==> flow/design.v <==
module comparator_blk #(
    parameter integer W = 12
) (
    input  logic sys_clk,
    input  logic [W-1:0] i_A,
    input  logic [W-1:0] i_B,
    output logic o_is_eq
);
    logic [W-1:0] r_A;
    always_ff @(posedge sys_clk) begin
        r_A <= i_A;
    end
    logic [W-1:0] r_B;
    always_ff @(posedge sys_clk) begin
        r_B <= i_B;
    end
    logic [W-1:0] nxt;
    assign nxt = r_A ^ r_B;
    always_ff @(posedge sys_clk) begin
        o_is_eq <= (nxt == 0);
    end
endmodule
Memo
Re: synthesis data of comparator_blk

Step by step through the tools: comparator_blk
A sweep over "W": the same steps for each member of the family.
The file above is the member W 12. Line numbers count from 1 in each member's own file.
Library cell names are shortened.
A cell with n/a has no value.

inputs
  top = comparator_blk
  clock = sys_clk
  library = sky130hd
  library corner = tt_025C_1v80

Source of the members
Lines of each other member's file that are new or changed against the file above; lines that a member lacks are not shown.

new or changed lines
  W    RTL line  RTL
  32   2         parameter integer W = 32
  36   2         parameter integer W = 36
  40   2         parameter integer W = 40
  56   2         parameter integer W = 56
  112  2         parameter integer W = 112
  128  2         parameter integer W = 128

Word-level counts
Counts by Yosys on the flattened word-level netlist (proc, flatten, opt, wreduce; memories kept). Register bits leave out memories and registers merged into their read ports (data or address); mux counts leave out enables and synchronous resets folded into registers. Print and check cells are left out. Cells with the same type and inputs are merged into one.

storage and ports
  W    bits in registers  input bits  output and inout bits  cells after elaboration
  12   25                 25          1                      5
  32   65                 65          1                      5
  36   73                 73          1                      5
  40   81                 81          1                      5
  56   113                113         1                      5
  112  225                225         1                      5
  128  257                257         1                      5

cells by class
  W    bitwise operators  reductions and logical operators
  12   1                  1
  32   1                  1
  36   1                  1
  40   1                  1
  56   1                  1
  112  1                  1
  128  1                  1

operator list
  W    kinds with counts
  12   1 x 12-bit bitwise XOR; 1 x 12-bit zero test
  32   1 x 32-bit bitwise XOR; 1 x 32-bit zero test
  36   1 x 36-bit bitwise XOR; 1 x 36-bit zero test
  40   1 x 40-bit bitwise XOR; 1 x 40-bit zero test
  56   1 x 56-bit bitwise XOR; 1 x 56-bit zero test
  112  1 x 112-bit bitwise XOR; 1 x 112-bit zero test
  128  1 x 128-bit bitwise XOR; 1 x 128-bit zero test

Depth
Depth = most cells in a row (Yosys ltp): at word level without a register or memory, in the mapped netlist without a sequential cell, where the memories' decode and read muxes count.

depth
  W    word-level depth  ABC_AREA  mapped depth  depth with buffers taken out
  12   2                 0         3             3
  32   2                 0         4             4
  36   2                 0         4             4
  40   2                 0         4             4
  56   2                 0         4             4
  112  2                 0         5             5
  128  2                 0         5             5

After synthesis
The flow's flattened synthesis, as Yosys stat reports it; memories are mapped. The netlist is that of the ABC_AREA named above (0 if unset); the other value can give another one.

synthesis totals
  W    cells in the netlist  synthesis area (sq um)  sequential area (sq um)  mapped flip-flops  buffer cells
  12   41                    634.4                   500.5                    25                 0
  32   108                   1647.8                  1301.2                   65                 0
  36   121                   1856.8                  1461.4                   73                 0
  40   134                   2059.5                  1621.6                   81                 0
  56   188                   2875.3                  2262.2                   113                0
  112  374                   5748.0                  4504.3                   225                0
  128  428                   6538.8                  5144.9                   257                0

cells by type
  W    type and count
  12   25 x dfxtp_1; 12 x xnor2_1; 3 x nand4_1; 1 x nor3_2
  32   65 x dfxtp_1; 32 x xor2_1; 8 x nor4_1; 2 x nand4_1; 1 x nor2_1
  36   73 x dfxtp_1; 28 x xor2_1; 8 x xnor2_1; 7 x nor4_1; 3 x nand4_1; 1 x nor4_2; 1 x nand3_1
  40   81 x dfxtp_1; 32 x xor2_1; 8 x xnor2_1; 8 x nor4_1; 4 x nand4_1; 1 x nor4_2
  56   113 x dfxtp_1; 56 x xor2_1; 14 x nor4_1; 3 x nand4_1; 1 x nor4_2; 1 x nand2_1
  112  225 x dfxtp_1; 64 x xnor2_1; 48 x xor2_1; 20 x nand4_1; 12 x nor4_1; 5 x nor4_2
  128  257 x dfxtp_1; 128 x xnor2_1; 34 x nand4_1; 7 x nor4_1; 1 x nor4_2; 1 x nor2_1

Timing after synthesis
Source: OpenSTA report_checks on the synthesized netlist (no wires, ideal clock, input and output delay 20% of the period each), path of least setup slack; recovery checks are left aside. Register names are those of the netlist, which keeps one name where synthesis merged equal registers.

timing path post-synthesis
  W    path kind             from              to                period (ns)  path slack (ns)  driving pins on the path  delay of the path (ns)  period reached after synthesis (ns)
  12   register -> register  register r_B[3]   register o_is_eq  0.955        0.191            4                         0.764                   0.764
  32   register -> register  register r_B[31]  register o_is_eq  1.19         0.241            5                         0.950                   0.949
  36   register -> register  register r_B[17]  register o_is_eq  1.34         0.269            5                         1.071                   1.071
  40   register -> register  register r_B[32]  register o_is_eq  1.36         0.270            5                         1.090                   1.09
  56   register -> register  register r_B[44]  register o_is_eq  1.44         0.292            5                         1.148                   1.148
  112  register -> register  register r_B[70]  register o_is_eq  1.44         0.292            5                         1.148                   1.148
  128  register -> register  register r_B[85]  register o_is_eq  1.3          0.257            6                         1.043                   1.043

"delay of the path" = arrival - input delay + setup time.
"driving pins on the path" counts driving pins, that of a launching flip-flop among them; a cell with two outputs on the path counts twice.
"period reached after synthesis" = period - worst setup slack (recovery checks aside). The figure is calculated, with input and output delays left at 20% of the set period.
Between the ends stands the longest chain of elaborated cells between them, by number of cells; it is not shown to be the way that was timed. Of several equally long chains one is given.
Each line given opens the expression or statement behind the cell; cells for indexed reads and writes are added by Yosys, which also makes memories of some case tables.

between the ends, post-synthesis, W 12
  cells in the longest elaborated chain = 2

ends and longest elaborated chain, post-synthesis, W 12
  element             RTL line  RTL
  start, declared     13        logic [W-1:0] r_B;
  start, assigned     15        r_B <= i_B;
  12-bit bitwise XOR  18        assign nxt = r_A ^ r_B;
  12-bit zero test    20        o_is_eq <= (nxt == 0);
  end, assigned       20
  end, declared       7         output logic o_is_eq

between the ends, post-synthesis, W 128
  cells in the longest elaborated chain = 2

ends and longest elaborated chain, post-synthesis, W 128
  element              RTL line  RTL
  start, declared      13        logic [W-1:0] r_B;
  start, assigned      15        r_B <= i_B;
  128-bit bitwise XOR  18        assign nxt = r_A ^ r_B;
  128-bit zero test    20        o_is_eq <= (nxt == 0);
  end, assigned        20
  end, declared        7         output logic o_is_eq

Worst path after layout
From the final timing report of the run of each member: the path of least setup slack in the routed layout; clock arrival at registers is part of the times.

timing path post-layout
  W    path kind             from               to                   period (ns)  path slack (ns)  driving pins on the path  arrival (ns)  buffers on the path
  12   register -> output    register o_is_eq   output port o_is_eq  0.955        0.03             2                         0.74          1
  32   register -> output    register o_is_eq   output port o_is_eq  1.19         0.06             2                         0.89          1
  36   register -> register  register r_B[17]   register o_is_eq     1.34         0.09             5                         1.50          0
  40   register -> register  register r_B[1]    register o_is_eq     1.36         0.08             5                         1.52          0
  56   register -> output    register o_is_eq   output port o_is_eq  1.44         0.07             2                         1.08          1
  112  register -> register  register r_B[6]    register o_is_eq     1.44         -0.11            6                         1.94          0
  128  register -> register  register r_A[122]  register o_is_eq     1.3          -0.21            7                         1.94          1

Measured runs
One run of the flow (Yosys, OpenROAD) for each member, with settings and measured results. Input and output delays are each 20% of the period that was set; the output load is 0.01 pF.

flow settings
  CAP_MARGIN = 20
  CORE_MARGIN = 2
  CORE_UTILIZATION = 40
  SLEW_MARGIN = 20

settings by member
  W    period_ns
  12   0.955
  32   1.19
  36   1.34
  40   1.36
  56   1.44
  112  1.44
  128  1.3

results
  W    chip area after synthesis (Yosys) (sq um)  full die area (sq um)  standard-cell area after routing (sq um)  utilization after routing  smallest setup slack (ns)  final setup TNS (ns)  worst hold slack in the final report (ns)  total power after layout (uW)  achieved clock period (ns)
  12   634.4                                      1920.6                 925.9                                     0.622                      0.029                      0.000                 0.318                                      1694                           0.926
  32   1647.8                                     4649.2                 2623.8                                    0.661                      0.063                      0.000                 0.345                                      4831                           1.127
  36   1856.8                                     5202.7                 2854.0                                    0.647                      0.088                      0.000                 0.377                                      4240                           1.252
  40   2059.5                                     5738.8                 3189.3                                    0.633                      0.080                      0.000                 0.377                                      4725                           1.280
  56   2875.3                                     7881.9                 4693.2                                    0.683                      0.067                      0.000                 0.238                                      7527                           1.373
  112  5748.0                                     15345.0                8953.6                                    0.643                      -0.106                     -0.106                0.236                                      13058                          1.546
  128  6538.8                                     17385.7                10302.4                                   0.646                      -0.213                     -0.213                0.197                                      16844                          1.513

"achieved clock period" is the run's clock period less its worst setup slack. It is reckoned from that one timing run; input and output delays stay at 20% of the period that was set.
"total power after layout": no workload was simulated; the value follows from the tool's default switching activity.
